==> flow/design.v <==
module my_times_v2 #(
  parameter WD = 4,
  parameter COEF = 25,
  parameter RES_W = WD + $clog2(COEF + 1)
) (
  input  logic clk,
  input  logic clk_en,
  input  logic [WD-1:0] in_x,
  output logic [RES_W-1:0] out_out
);
  always_ff @(posedge clk) begin
    if (clk_en) begin
      out_out <= in_x * COEF;
    end
  end
endmodule
--- tool output ---
* Tool chain data of my_times_v2
Tool output for the members of one design family, told apart by "WD", in the order of the flow.
The file above is the member WD = 4. Line numbers count from 1 in each member's own file.
Cell names lack the library's common part.
A cell with -- has no value.
- Top :: my_times_v2
- Clock input :: clk
- Library :: sky130hd
- Corner :: tt_025C_1v80

* Source of the members
New or changed lines of each further member against the RTL above, in its own file; lines it lacks are not shown.
** Lines new or changed
- WD 14 :: RTL line 2 : parameter WD = 14,
- WD 16 :: RTL line 2 : parameter WD = 16,
- WD 36 :: RTL line 2 : parameter WD = 36,
- WD 64 :: RTL line 2 : parameter WD = 64,

* After elaboration
Counts by Yosys on the flattened word-level netlist (proc, flatten, opt, wreduce; memories kept). Register bits leave out memories and registers merged into their read ports (data or address); mux counts leave out enables and synchronous resets folded into registers. Print and check cells are left out. Cells with the same type and inputs are merged into one.
** Storage and ports (register bits)
- WD 4 :: 9
- WD 14 :: 19
- WD 16 :: 21
- WD 36 :: 41
- WD 64 :: 69
** Operators by class ($mul)
- WD 4 :: 1
- WD 14 :: 1
- WD 16 :: 1
- WD 36 :: 1
- WD 64 :: 1
** Operator list (kinds with counts)
- WD 4 :: 4-bit by 5-bit multiplier with 9-bit output (second input constant) (1)
- WD 14 :: 14-bit by 5-bit multiplier with 19-bit output (second input constant) (1)
- WD 16 :: 16-bit by 5-bit multiplier with 21-bit output (second input constant) (1)
- WD 36 :: 36-bit by 5-bit multiplier with 41-bit output (second input constant) (1)
- WD 64 :: 64-bit by 5-bit multiplier with 69-bit output (second input constant) (1)

* Logic depth
Depth = most cells in a row (Yosys ltp): at word level without a register or memory, in the mapped netlist without a sequential cell, where the memories' decode and read muxes count.
** Logic depth
- WD 4 :: depth after elaboration 1, ABC_AREA 0, gate-level depth with buffers 7, gate-level depth less buffers 7
- WD 14 :: depth after elaboration 1, ABC_AREA 0, gate-level depth with buffers 12, gate-level depth less buffers 11
- WD 16 :: depth after elaboration 1, ABC_AREA 0, gate-level depth with buffers 12, gate-level depth less buffers 11
- WD 36 :: depth after elaboration 1, ABC_AREA 0, gate-level depth with buffers 15, gate-level depth less buffers 14
- WD 64 :: depth after elaboration 1, ABC_AREA 0, gate-level depth with buffers 16, gate-level depth less buffers 15

* Mapped cells and area
Source: synth_stat.txt of the flow (Yosys; design flattened, memories mapped). It holds for the ABC_AREA given above (unset counts as 0); a run with the other value may have another netlist.
** Cells by type (type and count)
- WD 4 :: edfxtp_1 (9); ha_1 (10); inv_1 (7); xnor2_1 (3); fa_1 (1); a21oi_2 (1); a21o_1 (1); nand2_1 (1)
- WD 14 :: ha_1 (46); edfxtp_1 (19); fa_1 (9); inv_1 (32); xnor2_1 (8); nor2_1 (14); a21oi_1 (9); mux2i_1 (3); nor2b_1 (4); nand2_1 (6); o21ai_0 (4); or4b_1 (2); nand4b_1 (2); o41ai_2 (1); a21o_1 (2); nand3_1 (3); o21bai_1 (2); a31oi_2 (1); (+17)
- WD 16 :: ha_1 (53); edfxtp_1 (21); fa_1 (11); inv_1 (21); xnor2_1 (8); a21o_1 (8); a21oi_1 (9); xor2_1 (5); o41ai_4 (1); nand3_1 (5); nor2_1 (6); nor3_1 (4); or4b_1 (2); and3_1 (3); a211oi_1 (2); nand2_1 (4); o21ai_0 (3); o21bai_1 (2); (+22)
- WD 36 :: ha_1 (112); edfxtp_1 (41); fa_1 (31); inv_1 (142); a21oi_1 (41); xnor2_1 (21); xor2_1 (15); nor2_1 (27); o21ai_0 (17); nand2_1 (21); a21o_1 (10); nand3_1 (10); o21a_1 (6); and3_1 (6); nor2b_1 (6); o21bai_1 (5); nand4_1 (5); a31oi_1 (4); (+55)
- WD 64 :: ha_1 (196); edfxtp_1 (69); fa_1 (59); inv_1 (275); a21oi_1 (80); xnor2_1 (36); nand2_1 (62); xor2_1 (25); a21o_1 (24); o21ai_0 (35); nor2_1 (38); o21bai_1 (18); nand4_1 (15); nand3_1 (13); a31oi_1 (10); nor3_1 (10); buf_2 (8); a211oi_1 (5); (+103)
The mark (+n) counts cells that are not listed.
** Mapped netlist
- WD 4 :: cell area after synthesis 488.0 um^2, buffers 0, cell count 33, mapped flip-flops 9
- WD 14 :: cell area after synthesis 1955.6 um^2, buffers 1, cell count 184, mapped flip-flops 19
- WD 16 :: cell area after synthesis 2170.8 um^2, buffers 2, cell count 190, mapped flip-flops 21
- WD 36 :: cell area after synthesis 5282.6 um^2, buffers 9, cell count 575, mapped flip-flops 41
- WD 64 :: cell area after synthesis 9781.9 um^2, buffers 18, cell count 1081, mapped flip-flops 69

* Worst setup path after synthesis
OpenSTA on the mapped netlist: ideal clock, no wires. The path of least setup slack (recovery checks aside). Input and output delay are each 20% of the period. Register names are those of the netlist, which keeps one name where synthesis merged equal registers.
** Path post-synthesis
- WD 4 :: kind input to register, from in in_x[0], to reg out_out[8], clock period 2080 ps, path slack 331 ps, stages 7, path delay 1334 ps, synthesis period reached 1749 ps
- WD 14 :: kind input to register, from in in_x[4], to reg out_out[11], clock period 4030 ps, path slack 647 ps, stages 9, path delay 2578 ps, synthesis period reached 3383 ps
- WD 16 :: kind input to register, from in in_x[9], to reg out_out[18], clock period 4750 ps, path slack 759 ps, stages 11, path delay 3041 ps, synthesis period reached 3991 ps
- WD 36 :: kind input to register, from in in_x[21], to reg out_out[38], clock period 5000 ps, path slack 801 ps, stages 15, path delay 3199 ps, synthesis period reached 4199 ps
- WD 64 :: kind input to register, from in in_x[24], to reg out_out[61], clock period 5260 ps, path slack 843 ps, stages 16, path delay 3365 ps, synthesis period reached 4417 ps
"path delay" is the arrival time less input delay plus setup time.
"stages" counts driving pins, that of a launching flip-flop among them; a cell with two outputs on the path counts twice.
"synthesis period reached" = period - worst setup slack (recovery checks aside). The figure is calculated, with input and output delays left at 20% of the set period.
The rows between start and end are the longest chain of elaborated cells between them; the timing report does not say that the signal goes this way. Where chains are equally long, one stands for them.
A line is the first line of the expression or statement that the cell stems from. Yosys adds cells for indexed reads and writes and turns some case tables into memories.
On the way, post-synthesis, WD = 4:
- Length of the longest elaborated chain :: 1
** Ends and longest elaborated chain, post-synthesis, WD = 4
- start: declaration :: RTL line 8 : input  logic [WD-1:0] in_x,
- 4-bit by 5-bit multiplier with 9-bit output :: RTL line 13 : out_out <= in_x * COEF;
- end: assignment :: RTL line 13
- end: declaration :: RTL line 9 : output logic [RES_W-1:0] out_out
On the way, post-synthesis, WD = 64:
- Length of the longest elaborated chain :: 1
** Ends and longest elaborated chain, post-synthesis, WD = 64
- start: declaration :: RTL line 8 : input  logic [WD-1:0] in_x,
- 64-bit by 5-bit multiplier with 69-bit output :: RTL line 13 : out_out <= in_x * COEF;
- end: assignment :: RTL line 13
- end: declaration :: RTL line 9 : output logic [RES_W-1:0] out_out

* Path in the finished layout
From the final timing report of each member's run: the path of least setup slack in the routed layout; clock arrival at registers is part of the times.
The path's times are printed in steps of 10 ps; the period is the one set.
** Path after layout
- WD 4 :: kind input to register, from in in_x[2], to reg out_out[8], data arrival time 1980 ps, stages 7, clock period 2080 ps, path slack 100 ps, path buffers 1
- WD 14 :: kind input to register, from in in_x[6], to reg out_out[17], data arrival time 3750 ps, stages 12, clock period 4030 ps, path slack 280 ps, path buffers 1
- WD 16 :: kind input to register, from in in_x[11], to reg out_out[18], data arrival time 4340 ps, stages 12, clock period 4750 ps, path slack 420 ps, path buffers 1
- WD 36 :: kind input to register, from in in_x[9], to reg out_out[37], data arrival time 4750 ps, stages 14, clock period 5000 ps, path slack 280 ps, path buffers 1
- WD 64 :: kind input to register, from in in_x[3], to reg out_out[62], data arrival time 5160 ps, stages 18, clock period 5260 ps, path slack 270 ps, path buffers 3

* Measured runs
Settings and results of one run of the flow (Yosys, OpenROAD) for each member follow. The constraints put input and output delay at 20% of the set period each and load the outputs with 0.01 pF.
- CAP_MARGIN :: 20
- CORE_MARGIN :: 2
- CORE_UTILIZATION :: 40
- SLEW_MARGIN :: 20
** Settings by member (period_ns)
- WD 4 :: 2.08
- WD 14 :: 4.03
- WD 16 :: 4.75
- WD 36 :: 5.0
- WD 64 :: 5.26
** Results
- WD 4 :: worst setup slack after layout 101 ps, utilization of the finished layout 63.1%, standard-cell area after routing 710.7 um^2, total power of the final layout 0.4715 mW, worst hold slack 436 ps, total negative slack 0 ps, netlist area reported by Yosys 488.0 um^2, period reached 1979 ps, area of the die 1515.2 um^2
- WD 14 :: worst setup slack after layout 282 ps, utilization of the finished layout 53.3%, standard-cell area after routing 2518.7 um^2, total power of the final layout 1.037 mW, worst hold slack 1175 ps, total negative slack 0 ps, netlist area reported by Yosys 1955.6 um^2, period reached 3748 ps, area of the die 5464.2 um^2
- WD 16 :: worst setup slack after layout 419 ps, utilization of the finished layout 52.2%, standard-cell area after routing 2698.8 um^2, total power of the final layout 0.9849 mW, worst hold slack 1323 ps, total negative slack 0 ps, netlist area reported by Yosys 2170.8 um^2, period reached 4331 ps, area of the die 6032.6 um^2
- WD 36 :: worst setup slack after layout 275 ps, utilization of the finished layout 51.1%, standard-cell area after routing 6523.8 um^2, total power of the final layout 2.443 mW, worst hold slack 1355 ps, total negative slack 0 ps, netlist area reported by Yosys 5282.6 um^2, period reached 4725 ps, area of the die 14142.0 um^2
- WD 64 :: worst setup slack after layout 272 ps, utilization of the finished layout 50.2%, standard-cell area after routing 12137.9 um^2, total power of the final layout 4.590 mW, worst hold slack 1336 ps, total negative slack 0 ps, netlist area reported by Yosys 9781.9 um^2, period reached 4988 ps, area of the die 25721.7 um^2
By "period reached" is meant the clock period of the run minus its worst setup slack. This is arithmetic on one report: input and output delays are still those of the set period (20% each).
"total power of the final layout" is the tool's figure for a default switching activity; nothing was simulated.
--- end ---
